==> flow/design.v <==
module u_mul_core_top (clock, aresetn, lhs_i, rhs_i, result_o);
  parameter DW = 18;
  input clock;
  input aresetn;
  input signed [DW-1:0] lhs_i;
  input signed [DW-1:0] rhs_i;
  output signed [2*DW-1:0] result_o;
  reg signed [DW-1:0] lhs_d1;
  reg signed [DW-1:0] rhs_d1;
  reg signed [2*DW-1:0] result_d1;
  always @(posedge clock or negedge aresetn) begin
    if (!aresetn) begin
      lhs_d1 <= 0;
      rhs_d1 <= 0;
      result_d1 <= 0;
    end else begin
      lhs_d1 <= lhs_i;
      rhs_d1 <= rhs_i;
      result_d1 <= lhs_d1 * rhs_d1;
    end
  end
  assign result_o = result_d1;
endmodule
Reports on u_mul_core_top
Tool output for the design above, in the order of the flow.
Line numbers count from 1 in the design file above.
{ "inputs": {"top": "u_mul_core_top", "clock": "clock", "lib": "sky130hd", "lib_corner": "tt_025C_1v80"} }

Elaborated design
Yosys after proc, flatten, opt, wreduce and memory -nomap, before mapping. Enables and synchronous resets that opt folds into registers are not counted as muxes. Memory bits, and registers merged into a memory's read port (data or address), are not among the register bits. Print and check cells are not counted. Equal cells are merged and count once.
{ "classes": {"reduce_logical": 0, "cmp": 0, "n_logic": 0, "div": 0, "addsub": 0, "shift": 0, "multipliers": 1, "muxes": 0, "equal": 0} }
{ "ops": {"columns": ["op", "n"], "rows": [
  ["18-bit by 18-bit multiplier with 36-bit output", 1]
]} }
{ "bits": {"romBits": 0, "input_bits": 38, "ram_bits": 0, "clocked_rd_ports_x_width": 0, "wordCells": 4, "out_inout_bits": 36, "latch_bits": 0, "n_memories": 0, "register_bits": 72} }

Logic depth
Longest topological path by Yosys (ltp), each cell counted once; first at word level (registers and memories cut), then after technology mapping (sequential cells cut; the memories' decode and read muxes count).
{ "depth": {"word_depth": 1, "ABC_AREA": 0, "mapped_depth": 26} }

Synthesis result
Source: synth_stat.txt of the flow (Yosys; design flattened, memories mapped). It holds for the ABC_AREA given above (unset counts as 0); a run with the other value may have another netlist.
{ "mapped": {"ffs": 72, "area_um2": 13862.0, "cell_count": 1398} }
{ "by_type": {"columns": ["cell_type", "n", "area_total_um2"], "rows": [
  ["sky130_fd_sc_hd__fa_1", 329, 6.59E+03],
  ["sky130_fd_sc_hd__dfrtp_1", 72, 1.8E+03],
  ["sky130_fd_sc_hd__inv_1", 368, 1.38E+03],
  ["sky130_fd_sc_hd__ha_1", 93, 1.16E+03],
  ["sky130_fd_sc_hd__and2_1", 163, 1.02E+03],
  ["sky130_fd_sc_hd__nand2_1", 160, 600.576],
  ["sky130_fd_sc_hd__xnor2_1", 34, 297.786],
  ["sky130_fd_sc_hd__clkbuf_1", 45, 168.912],
  ["sky130_fd_sc_hd__a21oi_1", 24, 120.115],
  ["sky130_fd_sc_hd__nor2b_1", 16, 100.096],
  ["sky130_fd_sc_hd__nor2_1", 19, 71.318],
  ["sky130_fd_sc_hd__nand2b_1", 9, 56.304],
  ["sky130_fd_sc_hd__o21bai_1", 6, 45.043],
  ["sky130_fd_sc_hd__o21ai_0", 8, 40.038],
  ["sky130_fd_sc_hd__a21o_1", 4, 30.029],
  ["sky130_fd_sc_hd__nand3_1", 6, 30.029],
  ["sky130_fd_sc_hd__o21a_1", 4, 30.029],
  ["sky130_fd_sc_hd__xor2_1", 3, 26.275]
]} }
Not listed: further types 28, cells in them 35.

Path before layout
Source: OpenSTA report_checks on the synthesized netlist (no wires, ideal clock, input and output delay 20% of the period each), path of least setup slack; recovery checks are left aside. Register names are those of the netlist, which keeps one name where synthesis merged equal registers.
{ "synth_path": {"path_kind": "flip-flop to flip-flop", "from": "register lhs_d1[17]", "to": "register result_d1[35]", "path_delay_ns": 6.260, "stages": 26, "n_path_buf": 2, "launch_ns": 0.000, "path_slack_ns": 1.560, "required_ns": 7.740, "period_ns": 7.82, "arrival_time_ns": 6.180, "synth_period_reached_ns": 6.26} }
"path_delay_ns" is the arrival time less input delay plus setup time.
"stages" counts driving pins, that of a launching flip-flop among them; a cell with two outputs on the path counts twice.
"synth_period_reached_ns" is the clock period less the worst setup slack; recovery checks do not enter. This is arithmetic on one report: input and output delays are still those of the set period (20% each).
Between the ends stands the longest chain of elaborated cells between them, by number of cells; it is not shown to be the way that was timed. Of several equally long chains one is given.
A line is the first line of the expression or statement that the cell stems from. Yosys adds cells for indexed reads and writes and turns some case tables into memories.
{ "synth_between": {"cell_sequence": "sky130_fd_sc_hd__dfrtp_1 > sky130_fd_sc_hd__clkbuf_1 > sky130_fd_sc_hd__clkbuf_1 > sky130_fd_sc_hd__nand2_1 > sky130_fd_sc_hd__inv_1 > sky130_fd_sc_hd__fa_1 > sky130_fd_sc_hd__inv_1 > sky130_fd_sc_hd__fa_1 > sky130_fd_sc_hd__inv_1 > sky130_fd_sc_hd__ha_1 > sky130_fd_sc_hd__inv_1 > sky130_fd_sc_hd__fa_1 > sky130_fd_sc_hd__inv_1 > sky130_fd_sc_hd__fa_1 > sky130_fd_sc_hd__inv_1 > sky130_fd_sc_hd__fa_1 > sky130_fd_sc_hd__inv_1 > sky130_fd_sc_hd__ha_1 > sky130_fd_sc_hd__a21o_1 > sky130_fd_sc_hd__a21oi_1 > sky130_fd_sc_hd__o2bb2ai_1 > sky130_fd_sc_hd__a31o_1 > sky130_fd_sc_hd__o41a_1 > sky130_fd_sc_hd__a211o_1 > sky130_fd_sc_hd__a21oi_1 > sky130_fd_sc_hd__xnor2_1", "elab_chain_len": 1, "cells_between": 1, "cone_lines": 1, "cone_classes": "1 x mul"} }
{ "synth_lines": {"columns": ["item", "line_no", "text"], "rows": [
  ["start, declared", 8, "reg signed [DW-1:0] lhs_d1;"],
  ["start, assigned", 13, "lhs_d1 <= 0;"],
  ["start, assigned", 17, "lhs_d1 <= lhs_i;"],
  ["18-bit by 18-bit multiplier with 36-bit output", 19, "result_d1 <= lhs_d1 * rhs_d1;"],
  ["end, assigned", 15, "result_d1 <= 0;"],
  ["end, assigned", 19, null],
  ["end, declared", 10, "reg signed [2*DW-1:0] result_d1;"]
]} }

Path in the finished layout
Path of least setup slack in the final report of stored run 1 (OpenROAD, finished layout, wires in). Where an end is a register, its clock arrival counts in the times.
{ "layout_path": {"path_kind": "flip-flop to flip-flop", "from": "register lhs_d1[17]", "to": "register result_d1[34]", "period_ns": 7.82, "n_path_buf": 0, "launch_ns": 0.36, "stages": 23, "arrival_time_ns": 7.09, "path_slack_ns": 1.01, "required_ns": 8.10} }
Between the ends stands the longest chain of elaborated cells between them, by number of cells; it is not shown to be the way that was timed. Of several equally long chains one is given.
{ "layout_between": {"cell_sequence": "sky130_fd_sc_hd__dfrtp_1 > sky130_fd_sc_hd__and2_1 > sky130_fd_sc_hd__fa_1 > sky130_fd_sc_hd__inv_1 > sky130_fd_sc_hd__fa_1 > sky130_fd_sc_hd__inv_1 > sky130_fd_sc_hd__ha_1 > sky130_fd_sc_hd__inv_1 > sky130_fd_sc_hd__fa_1 > sky130_fd_sc_hd__inv_1 > sky130_fd_sc_hd__fa_1 > sky130_fd_sc_hd__inv_1 > sky130_fd_sc_hd__fa_1 > sky130_fd_sc_hd__inv_1 > sky130_fd_sc_hd__ha_1 > sky130_fd_sc_hd__and4_1 > sky130_fd_sc_hd__nand3_1 > sky130_fd_sc_hd__nor3_2 > sky130_fd_sc_hd__or4_1 > sky130_fd_sc_hd__o21a_1 > sky130_fd_sc_hd__a41o_1 > sky130_fd_sc_hd__o41ai_2 > sky130_fd_sc_hd__xnor2_1", "elab_chain_len": 1, "cells_between": 1, "cone_lines": 1, "cone_classes": "1 x mul"} }
{ "layout_lines": {"columns": ["item", "line_no", "text"], "rows": [
  ["start, declared", 8, "reg signed [DW-1:0] lhs_d1;"],
  ["start, assigned", 13, "lhs_d1 <= 0;"],
  ["start, assigned", 17, "lhs_d1 <= lhs_i;"],
  ["18-bit by 18-bit multiplier with 36-bit output", 19, "result_d1 <= lhs_d1 * rhs_d1;"],
  ["end, assigned", 15, "result_d1 <= 0;"],
  ["end, assigned", 19, null],
  ["end, declared", 10, "reg signed [2*DW-1:0] result_d1;"]
]} }

Ticket comment

Below are 3 stored runs of the flow (Yosys, OpenROAD; platform sky130hd) on u_mul_core_top, each with its settings and what was measured, unordered. Constraints: input delay and output delay 20% of the set period each, output load 0.01 pF.
"achieved clock period (ns)" is the run's clock period less its worst setup slack. It is reckoned from that one timing run; input and output delays stay at 20% of the period that was set.
"worst setup path time (ns)" means the part of the period allowed to the worst setup path (the constraints hold back 20% at inputs and 20% at outputs) less its slack; where the path has registers, the arrival times of their clocks count too.

settings of stored run 1
{
  "period_ns": 7.82,
  "CAP_MARGIN": 20,
  "CORE_MARGIN": 2,
  "CORE_UTILIZATION": 40,
  "SLEW_MARGIN": 20
}
report of stored run 1
yosys chip area after synthesis (um^2): 13862.0
finish__design__die__area: 36160.8
finish__design__instance__area__stdcell: 15357.2
finish__timing__setup__ws: 1.009
finish__timing__setup__tns: 0.000
achieved clock period (ns): 6.811
worst setup path time (ns): 6.81
worst setup path kind: flip-flop to flip-flop

settings of stored run 2
{
  "period_ns": 3.92,
  "CORE_UTILIZATION": 55,
  "SETUP_SLACK_MARGIN": 0.73,
  "PLACE_DENSITY_LB_ADDON": 0.29,
  "CELL_PAD_IN_SITES_DETAIL_PLACEMENT": 0,
  "TNS_END_PERCENT": 60,
  "GPL_TIMING_DRIVEN": 0,
  "GPL_ROUTABILITY_DRIVEN": 0,
  "CTS_CLUSTER_DIAMETER": 399,
  "CAP_MARGIN": 0,
  "SLEW_MARGIN": 25,
  "MIN_ROUTING_LAYER": "met1",
  "MAX_ROUTING_LAYER": "met4",
  "CORE_MARGIN": 2
}
report of stored run 2
yosys chip area after synthesis (um^2): 13862.0
finish__design__die__area: 26489.2
finish__design__instance__area__stdcell: 17374.2
finish__timing__setup__ws: -2.311
finish__timing__setup__tns: -46.540
achieved clock period (ns): 6.231
worst setup path time (ns): 6.23
worst setup path kind: flip-flop to flip-flop

settings of stored run 3
{
  "period_ns": 6.29,
  "CORE_UTILIZATION": 68,
  "PLACE_DENSITY_LB_ADDON": 0.09,
  "CORE_MARGIN": 5,
  "CELL_PAD_IN_SITES_GLOBAL_PLACEMENT": 0,
  "CELL_PAD_IN_SITES_DETAIL_PLACEMENT": 0,
  "TNS_END_PERCENT": 45,
  "ABC_AREA": 0,
  "GPL_ROUTABILITY_DRIVEN": 0,
  "SLEW_MARGIN": 20,
  "CAP_MARGIN": 20
}
report of stored run 3
yosys chip area after synthesis (um^2): 13862.0
finish__design__die__area: 23340.2
finish__design__instance__area__stdcell: 16220.6
finish__timing__setup__ws: 0.079
finish__timing__setup__tns: 0.000
achieved clock period (ns): 6.211
worst setup path time (ns): 6.21
worst setup path kind: flip-flop to flip-flop
